==> flow/design.v <==
module dp_sel_unit_stage #(
    parameter WIDTH = 3
) (
    input  logic clk_i,
    input  logic [WIDTH-1:0] ch0,
    input  logic [WIDTH-1:0] ch1,
    input  logic [WIDTH-1:0] ch2,
    input  logic [WIDTH-1:0] ch3,
    input  logic [WIDTH-1:0] ch4,
    input  logic [2:0] choose,
    output logic [WIDTH-1:0] q
);
    logic [WIDTH-1:0] ch0_s;
    logic [WIDTH-1:0] ch1_s;
    logic [WIDTH-1:0] ch2_s;
    logic [WIDTH-1:0] ch3_s;
    logic [WIDTH-1:0] ch4_s;
    logic [2:0] choose_s;
    always_ff @(posedge clk_i) begin
        ch0_s <= ch0;
        ch1_s <= ch1;
        ch2_s <= ch2;
        ch3_s <= ch3;
        ch4_s <= ch4;
        choose_s <= choose;
    end
    logic [WIDTH-1:0] work;
    assign work =
        (choose_s == 3'd0) ? ch0_s :
        (choose_s == 3'd1) ? ch1_s :
        (choose_s == 3'd2) ? ch2_s :
        (choose_s == 3'd3) ? ch3_s :
        ch4_s;
    logic [WIDTH-1:0] q_s;
    always_ff @(posedge clk_i) begin
        q_s <= work;
    end
    assign q = q_s;
endmodule
Wiki page: dp_sel_unit_stage / tool data

Step by step through the tools: dp_sel_unit_stage
A sweep over "WIDTH": the same steps for each member of the family.
The file above is the member WIDTH = 3. Line numbers count from 1 in each member's own file.
{ "setup": {"top": "dp_sel_unit_stage", "clk_port": "clk_i", "lib": "sky130hd", "pvt_corner": "tt_025C_1v80"} }

Members of the sweep
Lines of each other member's file that are new or changed against the file above; lines that a member lacks are not shown.
{ "changed_lines": {"columns": ["WIDTH", "line", "rtl"], "rows": [
  [4, 2, "parameter WIDTH = 4"],
  [10, 2, "parameter WIDTH = 10"],
  [16, 2, "parameter WIDTH = 16"],
  [20, 2, "parameter WIDTH = 20"],
  [48, 2, "parameter WIDTH = 48"],
  [64, 2, "parameter WIDTH = 64"]
]} }

Elaborated design
Yosys after proc, flatten, opt, wreduce and memory -nomap, before mapping. Enables and synchronous resets that opt folds into registers are not counted as muxes. Memory bits, and registers merged into a memory's read port (data or address), are not among the register bits. Print and check cells are not counted. Equal cells are merged and count once.
{ "bits": {"columns": ["WIDTH", "ff_bits", "latchBits", "mem_bits_rw", "rom_bits", "clocked_rd_ports_x_width", "n_memories", "in_bits", "out_inout_bits", "wordCells"], "rows": [
  [3, 21, 0, 0, 0, 0, 0, 19, 3, 15],
  [4, 27, 0, 0, 0, 0, 0, 24, 4, 15],
  [10, 63, 0, 0, 0, 0, 0, 54, 10, 15],
  [16, 99, 0, 0, 0, 0, 0, 84, 16, 15],
  [20, 123, 0, 0, 0, 0, 0, 104, 20, 15],
  [48, 291, 0, 0, 0, 0, 0, 244, 48, 15],
  [64, 387, 0, 0, 0, 0, 0, 324, 64, 15]
]} }
{ "op_classes": {"columns": ["WIDTH", "addsub", "mul", "div", "compare", "n_eq", "n_shift", "mux", "logic", "reduce_logical"], "rows": [
  [3, 0, 0, 0, 0, 3, 0, 4, 0, 1],
  [4, 0, 0, 0, 0, 3, 0, 4, 0, 1],
  [10, 0, 0, 0, 0, 3, 0, 4, 0, 1],
  [16, 0, 0, 0, 0, 3, 0, 4, 0, 1],
  [20, 0, 0, 0, 0, 3, 0, 4, 0, 1],
  [48, 0, 0, 0, 0, 3, 0, 4, 0, 1],
  [64, 0, 0, 0, 0, 3, 0, 4, 0, 1]
]} }
{ "ops": {"columns": ["WIDTH", "op_list"], "rows": [
  [3, "3-bit two-way mux: 4; 3-bit by 2-bit equality test with 1-bit output with constant B: 2; 3-bit by 1-bit equality test with 1-bit output with constant B: 1; 3-bit zero test: 1"],
  [4, "4-bit two-way mux: 4; 3-bit by 2-bit equality test with 1-bit output with constant B: 2; 3-bit by 1-bit equality test with 1-bit output with constant B: 1; 3-bit zero test: 1"],
  [10, "10-bit two-way mux: 4; 3-bit by 2-bit equality test with 1-bit output with constant B: 2; 3-bit by 1-bit equality test with 1-bit output with constant B: 1; 3-bit zero test: 1"],
  [16, "16-bit two-way mux: 4; 3-bit by 2-bit equality test with 1-bit output with constant B: 2; 3-bit by 1-bit equality test with 1-bit output with constant B: 1; 3-bit zero test: 1"],
  [20, "20-bit two-way mux: 4; 3-bit by 2-bit equality test with 1-bit output with constant B: 2; 3-bit by 1-bit equality test with 1-bit output with constant B: 1; 3-bit zero test: 1"],
  [48, "48-bit two-way mux: 4; 3-bit by 2-bit equality test with 1-bit output with constant B: 2; 3-bit by 1-bit equality test with 1-bit output with constant B: 1; 3-bit zero test: 1"],
  [64, "64-bit two-way mux: 4; 3-bit by 2-bit equality test with 1-bit output with constant B: 2; 3-bit by 1-bit equality test with 1-bit output with constant B: 1; 3-bit zero test: 1"]
]} }

Logic depth
Yosys ltp: most cells in a row. Word level: on the elaborated netlist, between registers, memories and ports. Mapped: between sequential cells and ports; inverters and the memories' decode and read muxes count.
{ "logic_depth": {"columns": ["WIDTH", "depth_word", "ABC_AREA", "mapped_depth", "mapped_depth_nobuf"], "rows": [
  [3, 5, 0, 4, 3],
  [4, 5, 0, 4, 3],
  [10, 5, 0, 4, 3],
  [16, 5, 0, 6, 3],
  [20, 5, 0, 5, 3],
  [48, 5, 0, 6, 3],
  [64, 5, 0, 5, 3]
]} }

Netlist
Yosys stat after the flow's synthesis: flattened, memories mapped to cells. It holds for the ABC_AREA given above (unset counts as 0); a run with the other value may have another netlist.
Totals and module areas in this step are rounded.
{ "synth_totals": {"columns": ["WIDTH", "cells", "yosys_area_um2", "seqArea_um2", "ff_cells", "n_buf"], "rows": [
  [3, 37, 563, 420, 21, 1],
  [4, 47, 722, 541, 27, 1],
  [10, 121, 1800, 1260, 63, 5],
  [16, 192, 2670, 1980, 99, 10],
  [20, 238, 3320, 2460, 123, 12],
  [48, 565, 7670, 5830, 291, 31],
  [64, 751, 10300, 7750, 387, 41]
]} }
{ "by_type": {"columns": ["WIDTH", "cell_types"], "rows": [
  [3, "sky130_fd_sc_hd__dfxtp_1: 21; sky130_fd_sc_hd__mux2_4: 3; sky130_fd_sc_hd__mux2i_1: 3; sky130_fd_sc_hd__a21oi_1: 3; sky130_fd_sc_hd__o22ai_1: 2; sky130_fd_sc_hd__o22ai_2: 1; sky130_fd_sc_hd__buf_6: 1; sky130_fd_sc_hd__or2b_2: 1; sky130_fd_sc_hd__inv_1: 1; sky130_fd_sc_hd__nor2_1: 1"],
  [4, "sky130_fd_sc_hd__dfxtp_1: 27; sky130_fd_sc_hd__mux2_4: 4; sky130_fd_sc_hd__mux2i_1: 4; sky130_fd_sc_hd__a21oi_1: 4; sky130_fd_sc_hd__o22ai_1: 3; sky130_fd_sc_hd__o22ai_2: 1; sky130_fd_sc_hd__buf_6: 1; sky130_fd_sc_hd__or2b_4: 1; sky130_fd_sc_hd__inv_1: 1; sky130_fd_sc_hd__nor2_1: 1"],
  [10, "sky130_fd_sc_hd__dfxtp_1: 63; sky130_fd_sc_hd__a22oi_2: 10; sky130_fd_sc_hd__o211ai_2: 10; sky130_fd_sc_hd__mux2i_1: 10; sky130_fd_sc_hd__nor2b_1: 8; sky130_fd_sc_hd__buf_6: 4; sky130_fd_sc_hd__nand2_1: 10; sky130_fd_sc_hd__nor3_4: 1; sky130_fd_sc_hd__and2b_1: 2; sky130_fd_sc_hd__nor2b_2: 1; sky130_fd_sc_hd__nand2b_1: 1; sky130_fd_sc_hd__clkbuf_2: 1"],
  [16, "sky130_fd_sc_hd__dfxtp_1: 99; sky130_fd_sc_hd__a222oi_1: 16; sky130_fd_sc_hd__mux2_4: 10; sky130_fd_sc_hd__nand2_1: 32; sky130_fd_sc_hd__nor2b_1: 16; sky130_fd_sc_hd__mux2_2: 6; sky130_fd_sc_hd__clkbuf_1: 6; sky130_fd_sc_hd__buf_12: 1; sky130_fd_sc_hd__and2b_1: 2; sky130_fd_sc_hd__buf_6: 1; sky130_fd_sc_hd__buf_2: 2; sky130_fd_sc_hd__nor3_2: 1"],
  [20, "sky130_fd_sc_hd__dfxtp_1: 123; sky130_fd_sc_hd__mux2_4: 18; sky130_fd_sc_hd__a222oi_1: 20; sky130_fd_sc_hd__nand2_1: 40; sky130_fd_sc_hd__nor2b_1: 16; sky130_fd_sc_hd__and2b_1: 6; sky130_fd_sc_hd__clkbuf_1: 7; sky130_fd_sc_hd__buf_6: 2; sky130_fd_sc_hd__buf_2: 3; sky130_fd_sc_hd__mux2_1: 1; sky130_fd_sc_hd__mux2_2: 1; sky130_fd_sc_hd__nor3_1: 1"],
  [48, "sky130_fd_sc_hd__dfxtp_1: 291; sky130_fd_sc_hd__a222oi_1: 48; sky130_fd_sc_hd__mux2_2: 38; sky130_fd_sc_hd__nand2_1: 96; sky130_fd_sc_hd__nor2b_1: 50; sky130_fd_sc_hd__mux2_1: 10; sky130_fd_sc_hd__clkbuf_1: 17; sky130_fd_sc_hd__buf_2: 11; sky130_fd_sc_hd__buf_6: 2; sky130_fd_sc_hd__nor3_1: 1; sky130_fd_sc_hd__buf_1: 1"],
  [64, "sky130_fd_sc_hd__dfxtp_1: 387; sky130_fd_sc_hd__a222oi_1: 64; sky130_fd_sc_hd__nand2_1: 128; sky130_fd_sc_hd__mux2_1: 29; sky130_fd_sc_hd__and2b_1: 32; sky130_fd_sc_hd__mux2_4: 16; sky130_fd_sc_hd__mux2_2: 19; sky130_fd_sc_hd__nor2b_1: 34; sky130_fd_sc_hd__clkbuf_1: 27; sky130_fd_sc_hd__buf_6: 6; sky130_fd_sc_hd__buf_2: 8; sky130_fd_sc_hd__nor3_4: 1"]
]} }

Worst setup path after synthesis
Path of least setup slack by OpenSTA after synthesis, without wires, with an ideal clock, recovery checks aside; 20% of the period is set as input and as output delay. Where synthesis merged equal registers, the netlist keeps one of their names.
{ "synth_path": {"columns": ["WIDTH", "path_type", "startpoint", "endpoint", "clock_period_ns", "path_slack_ns", "driving_pins", "path_delay_ns", "synth_period_reached_ns"], "rows": [
  [3, "register to register", "reg (name not given)", "reg q_s[1]", 1.23, 0.242, 5, 0.988, 0.988],
  [4, "register to register", "reg (name not given)", "reg q_s[2]", 1.26, 0.250, 5, 1.009, 1.01],
  [10, "register to register", "reg (name not given)", "reg q_s[8]", 1.23, 0.249, 4, 0.980, 0.981],
  [16, "register to register", "reg (name not given)", "reg q_s[10]", 1.68, 0.339, 6, 1.341, 1.341],
  [20, "register to register", "reg (name not given)", "reg q_s[9]", 1.66, 0.334, 5, 1.326, 1.326],
  [48, "register to register", "reg (name not given)", "reg q_s[37]", 1.78, 0.352, 6, 1.427, 1.428],
  [64, "register to register", "reg (name not given)", "reg q_s[53]", 1.81, 0.363, 6, 1.447, 1.447]
]} }
"path_delay_ns" = arrival - input delay + setup time.
"driving_pins": output pins that drive a net of the path, with the launching flip-flop's if there is one; two outputs of one cell count as two.
"synth_period_reached_ns" is the clock period less the worst setup slack; recovery checks do not enter. This is arithmetic on one report: input and output delays are still those of the set period (20% each).
Between the ends stands the longest chain of elaborated cells between them, by number of cells; it is not shown to be the way that was timed. Of several equally long chains one is given.
A line is the first line of the expression or statement that the cell stems from. Yosys adds cells for indexed reads and writes and turns some case tables into memories.
{ "synth_via_WIDTH_3": {"elab_chain_cells": 5} }
{ "synth_rtl_WIDTH_3": {"columns": ["item", "line", "rtl"], "rows": [
  ["start, declared", 18, null],
  ["start, assigned", 25, null],
  ["3-bit by 2-bit equality test with 1-bit output", 32, null],
  ["3-bit two-way mux", 32, null],
  ["3-bit two-way mux", 31, null],
  ["3-bit two-way mux", 30, null],
  ["3-bit two-way mux", 29, null],
  ["end, assigned", 36, "q_s <= work;"],
  ["end, declared", 34, "logic [WIDTH-1:0] q_s;"]
]} }
{ "synth_via_WIDTH_64": {"elab_chain_cells": 5} }
{ "synth_rtl_WIDTH_64": {"columns": ["item", "line", "rtl"], "rows": [
  ["start, declared", 18, null],
  ["start, assigned", 25, null],
  ["3-bit by 2-bit equality test with 1-bit output", 32, null],
  ["64-bit two-way mux", 32, null],
  ["64-bit two-way mux", 31, null],
  ["64-bit two-way mux", 30, null],
  ["64-bit two-way mux", 29, null],
  ["end, assigned", 36, "q_s <= work;"],
  ["end, declared", 34, "logic [WIDTH-1:0] q_s;"]
]} }

Timing after layout
From the final timing report of the run of each member: the path of least setup slack in the routed layout; clock arrival at registers is part of the times.
{ "layout_path": {"columns": ["WIDTH", "path_type", "startpoint", "endpoint", "clock_period_ns", "path_slack_ns", "driving_pins", "t_arrival_ns", "n_path_buf"], "rows": [
  [3, "register to output", "reg q_s[2]", "out q[2]", 1.23, 0.11, 2, 0.87, 1],
  [4, "register to output", "reg q_s[1]", "out q[1]", 1.26, 0.10, 2, 0.91, 1],
  [10, "register to output", "reg q_s[6]", "out q[6]", 1.23, 0.07, 2, 0.91, 1],
  [16, "register to output", "reg q_s[6]", "out q[6]", 1.68, 0.14, 2, 1.21, 1],
  [20, "register to register", "reg (name not given)", "reg q_s[16]", 1.66, 0.15, 5, 1.91, 1],
  [48, "register to output", "reg q_s[29]", "out q[29]", 1.78, 0.03, 2, 1.39, 1],
  [64, "register to output", "reg q_s[53]", "out q[53]", 1.81, 0.04, 2, 1.41, 1]
]} }

Flow runs
One run of the flow (Yosys, OpenROAD) for each member, with settings and measured results. Input and output delays are each 20% of the period that was set; the output load is 0.01 pF.
{ "flow_settings": {"CAP_MARGIN": 20, "CORE_MARGIN": 2, "CORE_UTILIZATION": 40, "SLEW_MARGIN": 20} }
{ "settings_by_member": {"columns": ["WIDTH", "period_ns"], "rows": [
  [3, 1.23],
  [4, 1.26],
  [10, 1.23],
  [16, 1.68],
  [20, 1.66],
  [48, 1.78],
  [64, 1.81]
]} }
{ "results": {"columns": ["WIDTH", "ys_area_um2", "die_area_um2", "layout_stdcell_area_um2", "utilization_pct", "fin_ws_ns", "tns_ns", "fin_hold_ws_ns", "final_power_uw", "clock_period_reached_ns"], "rows": [
  [3, 563, 1720, 812, 62.4, 0.110, 0.000, 0.382, 1160, 1.120],
  [4, 722, 2160, 1040, 61.0, 0.100, 0.000, 0.363, 1410, 1.160],
  [10, 1800, 5040, 2730, 63.2, 0.072, 0.000, 0.357, 4580, 1.158],
  [16, 2670, 7340, 3910, 61.3, 0.137, 0.000, 0.421, 4260, 1.543],
  [20, 3320, 9040, 5250, 64.6, 0.147, 0.000, 0.254, 7210, 1.513],
  [48, 7670, 20300, 11900, 63.6, 0.032, 0.000, 0.254, 14600, 1.748],
  [64, 10300, 27100, 15900, 63.1, 0.037, 0.000, 0.274, 18800, 1.773]
]} }
"clock_period_reached_ns": clock period set for the run, less the worst setup slack. It is reckoned from that one timing run; input and output delays stay at 20% of the period that was set.
"final_power_uw" is the tool's figure for a default switching activity; nothing was simulated.
Measured values are rounded.
